==> flow/design.v <==
module ex_scratch_p #(
  parameter NREGS = 48,
  parameter DWIDTH = 40,
  parameter ADDR_W = $clog2(NREGS),
  parameter GROUPS = DWIDTH / 8
) (
  input wire CLK,
  input wire [GROUPS-1:0] in_wstrb,
  input wire [ADDR_W-1:0] in_wa,
  input wire [DWIDTH-1:0] in_write_data,
  input wire [ADDR_W-1:0] in_raddr,
  output wire [DWIDTH-1:0] out_rd
);
  reg [GROUPS-1:0] r_wstrb;
  always @(posedge CLK)
    r_wstrb <= in_wstrb;
  reg [ADDR_W-1:0] r_wa;
  always @(posedge CLK)
    r_wa <= in_wa;
  reg [DWIDTH-1:0] r_write_data;
  always @(posedge CLK)
    r_write_data <= in_write_data;
  reg [DWIDTH-1:0] regs [NREGS-1:0];
  integer t;
  always @(posedge CLK) begin
    for (t = 0; t < GROUPS; t = t + 1)
      if (r_wstrb[t]) regs[r_wa][8*t +: 8] <= r_write_data[8*t +: 8];
  end
  reg [ADDR_W-1:0] r_raddr;
  always @(posedge CLK)
    r_raddr <= in_raddr;
  reg [DWIDTH-1:0] r_rd;
  always @(posedge CLK)
    r_rd <= regs[r_raddr];
  assign out_rd = r_rd;
endmodule
From RTL to reports: ex_scratch_p
Tool output for the design above, in the order of the flow.
Line numbers count from 1 in the design file above.
Operators carry their Yosys type and port widths (W data, S select, Z words).
Cell names lack the library's common part.
The mark n/a stands for no value.
Inputs
  design top: ex_scratch_p
  clock input: CLK
  library: sky130hd
  corner: tt_025C_1v80

Word level
Source: Yosys, flattened and elaborated, memories not mapped. Widths are those after wreduce; folded enables and synchronous resets count as part of the registers. Registers that Yosys merges into a memory's read port (data or address) are not register bits. Print and check cells do not count. Equal cells are merged and count once.
Yosys's memory passes give these memory sizes; they may raise the number of words (mostly to a power of two), join words into wider ones and drop unused or constant bits.
Bit counts
  latch bits: 0
  bits in read-only memories: 0
  input bits: 58
  register bits: 57
  memory bits (writable): 1920
  output and inout bits: 40
  word width x clocked read ports: 40
  cells after elaboration: 15
  memory cells: 1
Memories
  regs: words 48, bits a word 40, read ports 1, write ports 1, line 23  | reg [DWIDTH-1:0] regs [NREGS-1:0];
Cells by class
  order comparisons: 0
  shift-type cells: 0
  multiply operators: 0
  reductions and logical operators: 0
  equality and inequality tests: 0
  add/sub/neg operators: 0
  bitwise logic cells: 0
  multiplexer cells: 10
  div/mod/pow operators: 0
Operators by type and width (number)
  $mux W40: 5
  $mux W1: 5

Logic depth
Longest topological path by Yosys (ltp), each cell counted once; first at word level (registers and memories cut), then after technology mapping (sequential cells cut; the memories' decode and read muxes count).
Logic depth
  depth after elaboration: 1
  ABC_AREA: 0
  gate-level depth with buffers: 9

Mapped cells and area
Yosys stat after the flow's synthesis: flattened, memories mapped to cells. It holds for the ABC_AREA given above (unset counts as 0); a run with the other value may have another netlist.
Cell types
  edfxtp_1: number 1920, total area 5.77E+04 um2
  mux2i_1: number 640, total area 6.41E+03 um2
  mux4_2: number 200, total area 4504.32 um2
  dfxtp_1: number 97, total area 1.94E+03 um2
  and2_1: number 241, total area 1.51E+03 um2
  a22oi_1: number 160, total area 1.2E+03 um2
  a221oi_1: number 80, total area 700.672 um2
  a22o_1: number 80, total area 700.672 um2
  o41ai_2: number 40, total area 650.624 um2
  clkbuf_1: number 137, total area 514.243 um2
  buf_6: number 40, total area 450.432 um2
  a21oi_1: number 80, total area 400.384 um2
  buf_4: number 41, total area 307.795 um2
  o22ai_1: number 40, total area 250.24 um2
  nor2_1: number 52, total area 195.187 um2
  nand2_1: number 44, total area 165.158 um2
  buf_2: number 14, total area 70.067 um2
  buf_1: number 11, total area 41.29 um2
Not listed: further types 8, cells in them 17.
Synthesis totals
  flip-flops: 2017
  cells in the netlist: 3934
  cell area after synthesis: 77790.9 um2
  buffer cells: 244
  sequential area: 59597.2 um2

Timing after synthesis
Source: OpenSTA report_checks on the synthesized netlist (no wires, ideal clock, input and output delay 20% of the period each), path of least setup slack; recovery checks are left aside. Register names are those of the netlist, which keeps one name where synthesis merged equal registers.
Timing post-synthesis
  path type: register to register
  start: register r_raddr[1]
  end: register r_rd[0]
  arrival time: 1.922 ns
  period: 2.58 ns
  stages on the path: 8
  data required time: 2.437 ns
  path slack: 0.516 ns
  delay of the path: 2.065 ns
  period reached after synthesis: 2.064 ns
"delay of the path" = arrival - input delay + setup time.
"stages on the path": output pins that drive a net of the path, with the launching flip-flop's if there is one; two outputs of one cell count as two.
"period reached after synthesis" = period - worst setup slack (recovery checks aside). The figure is calculated, with input and output delays left at 20% of the set period.
On the way, post-synthesis
  cells stage by stage: dfxtp_1 -> buf_2 -> buf_2 -> clkbuf_1 -> mux4_2 -> mux4_2 -> nand2_1 -> o41ai_2
RTL lines, path post-synthesis
  start: declaration: line 29  | reg [ADDR_W-1:0] r_raddr;
  start: assignment: line 31  | r_raddr <= in_raddr;
  end: declaration: line 32  | reg [DWIDTH-1:0] r_rd;
Chain of elaborated cells between the ends: none given.

Timing after layout
Path of least setup slack in the final report of run 1 (OpenROAD, finished layout, wires in). Where an end is a register, its clock arrival counts in the times.
Timing post-layout
  path type: register to register
  start: register r_raddr[0]
  end: register r_rd[14]
  stages on the path: 8
  arrival time: 3.16 ns
  period: 1.42 ns
  data required time: 2.20 ns
  path slack: -0.96 ns
On the way, post-layout
  cells stage by stage: dfxtp_4 -> buf_16 -> buf_16 -> buf_12 -> mux4_2 -> mux4_2 -> nand2_2 -> o41ai_2
RTL lines, path post-layout
  start: declaration: line 29  | reg [ADDR_W-1:0] r_raddr;
  start: assignment: line 31  | r_raddr <= in_raddr;
  end: declaration: line 32  | reg [DWIDTH-1:0] r_rd;
Chain of elaborated cells between the ends: none given.

Hand-over note for ex_scratch_p

Stored flow runs of ex_scratch_p (3 of them; Yosys, OpenROAD, sky130hd). They differ in their settings and are not a sequence. Constraints: input delay and output delay 20% of the set period each, output load 0.01 pF.
"achieved clock period (ns)": clock period set for the run, less the worst setup slack. It is reckoned from that one timing run; input and output delays stay at 20% of the period that was set.
"worst setup path time (ns)": the worst setup path's part of the clock period (all of it between registers, 20% less for each end at a port) less its slack. A launch clock that arrives late makes it longer, a capture clock that arrives late makes it shorter.
By "finish__power__total" is meant OpenSTA's value without simulated activity: inputs other than the clock are taken to toggle once in ten clock periods, and the tool carries that through the logic.

Flow files of run 1
==> flow/run.sh <==
#!/bin/bash
# the make line also repeats the synthesis and layout settings of config.mk as NAME=value (left out here)
make -C /OpenROAD-flow-scripts/flow DESIGN_CONFIG=/design/flow/config.mk WORK_HOME=/design/flow/orfs CLKGATE_MAP_FILE= finish
==> flow/config.mk <==
export PLATFORM = sky130hd
export DESIGN_NAME = ex_scratch_p
export DESIGN_NICKNAME = ex_scratch_p
export VERILOG_FILES = /design/flow/design.v
export SDC_FILE = /design/flow/constraint.sdc
export NUM_CORES = 4
export LEC_CHECK = 0
export CAP_MARGIN = 20
export CELL_PAD_IN_SITES_GLOBAL_PLACEMENT = 1
export CORE_ASPECT_RATIO = 1.6
export CORE_MARGIN = 2
export CORE_UTILIZATION = 19
export CTS_CLUSTER_SIZE = 94
export GPL_ROUTABILITY_DRIVEN = 0
export PLACE_DENSITY_LB_ADDON = 0.18
export SLEW_MARGIN = 20
==> flow/constraint.sdc <==
create_clock -name core_clock -period 1.42 [get_ports {CLK}]
set_input_delay 0.2840 -clock core_clock [delete_from_list [all_inputs] [get_ports {CLK}]]
set_output_delay 0.2840 -clock core_clock [all_outputs]
set_load 0.01 [all_outputs]

report of run 1
yosys chip area after synthesis (um^2): 77790.9
finish__design__die__area: 414701.0
finish__design__instance__utilization: 0.2491
finish__timing__setup__ws: -0.964
finish__timing__hold__ws: 0.175
finish__power__total: 1.298e-01
achieved clock period (ns): 2.384
worst setup path time (ns): 2.38
worst setup path kind: register to register

Flow files of run 2
==> flow/run.sh <==
#!/bin/bash
# the make line also repeats the synthesis and layout settings of config.mk as NAME=value (left out here)
make -C /OpenROAD-flow-scripts/flow DESIGN_CONFIG=/design/flow/config.mk WORK_HOME=/design/flow/orfs CLKGATE_MAP_FILE= finish
==> flow/config.mk <==
export PLATFORM = sky130hd
export DESIGN_NAME = ex_scratch_p
export DESIGN_NICKNAME = ex_scratch_p
export VERILOG_FILES = /design/flow/design.v
export SDC_FILE = /design/flow/constraint.sdc
export NUM_CORES = 4
export LEC_CHECK = 0
export ABC_AREA = 0
export CAP_MARGIN = 20
export CELL_PAD_IN_SITES_DETAIL_PLACEMENT = 2
export CORE_MARGIN = 2
export CORE_UTILIZATION = 17
export CTS_CLUSTER_SIZE = 32
export GPL_ROUTABILITY_DRIVEN = 0
export GPL_TIMING_DRIVEN = 0
export MAX_ROUTING_LAYER = met5
export MIN_ROUTING_LAYER = met1
export SLEW_MARGIN = 20
==> flow/constraint.sdc <==
create_clock -name core_clock -period 2.21 [get_ports {CLK}]
set_input_delay 0.4420 -clock core_clock [delete_from_list [all_inputs] [get_ports {CLK}]]
set_output_delay 0.4420 -clock core_clock [all_outputs]
set_load 0.01 [all_outputs]

report of run 2
yosys chip area after synthesis (um^2): 77790.9
finish__design__die__area: 463019.0
finish__design__instance__utilization: 0.2202
finish__timing__setup__ws: -0.678
finish__timing__hold__ws: 0.017
finish__power__total: 8.599e-02
achieved clock period (ns): 2.888
worst setup path time (ns): 2.89
worst setup path kind: register to register

Flow files of run 3
==> flow/run.sh <==
#!/bin/bash
# the make line also repeats the synthesis and layout settings of config.mk as NAME=value (left out here)
make -C /OpenROAD-flow-scripts/flow DESIGN_CONFIG=/design/flow/config.mk WORK_HOME=/design/flow/orfs CLKGATE_MAP_FILE= finish
==> flow/config.mk <==
export PLATFORM = sky130hd
export DESIGN_NAME = ex_scratch_p
export DESIGN_NICKNAME = ex_scratch_p
export VERILOG_FILES = /design/flow/design.v
export SDC_FILE = /design/flow/constraint.sdc
export NUM_CORES = 4
export LEC_CHECK = 0
export CAP_MARGIN = 20
export CORE_MARGIN = 2
export CORE_UTILIZATION = 40
export SLEW_MARGIN = 20
==> flow/constraint.sdc <==
create_clock -name core_clock -period 2.58 [get_ports {CLK}]
set_input_delay 0.5160 -clock core_clock [delete_from_list [all_inputs] [get_ports {CLK}]]
set_output_delay 0.5160 -clock core_clock [all_outputs]
set_load 0.01 [all_outputs]

report of run 3
yosys chip area after synthesis (um^2): 77790.9
finish__design__die__area: 198021.0
finish__design__instance__utilization: 0.4676
finish__timing__setup__ws: 0.041
finish__timing__hold__ws: 0.108
finish__power__total: 6.897e-02
achieved clock period (ns): 2.539
worst setup path time (ns): 2.54
worst setup path kind: register to register

End of note.
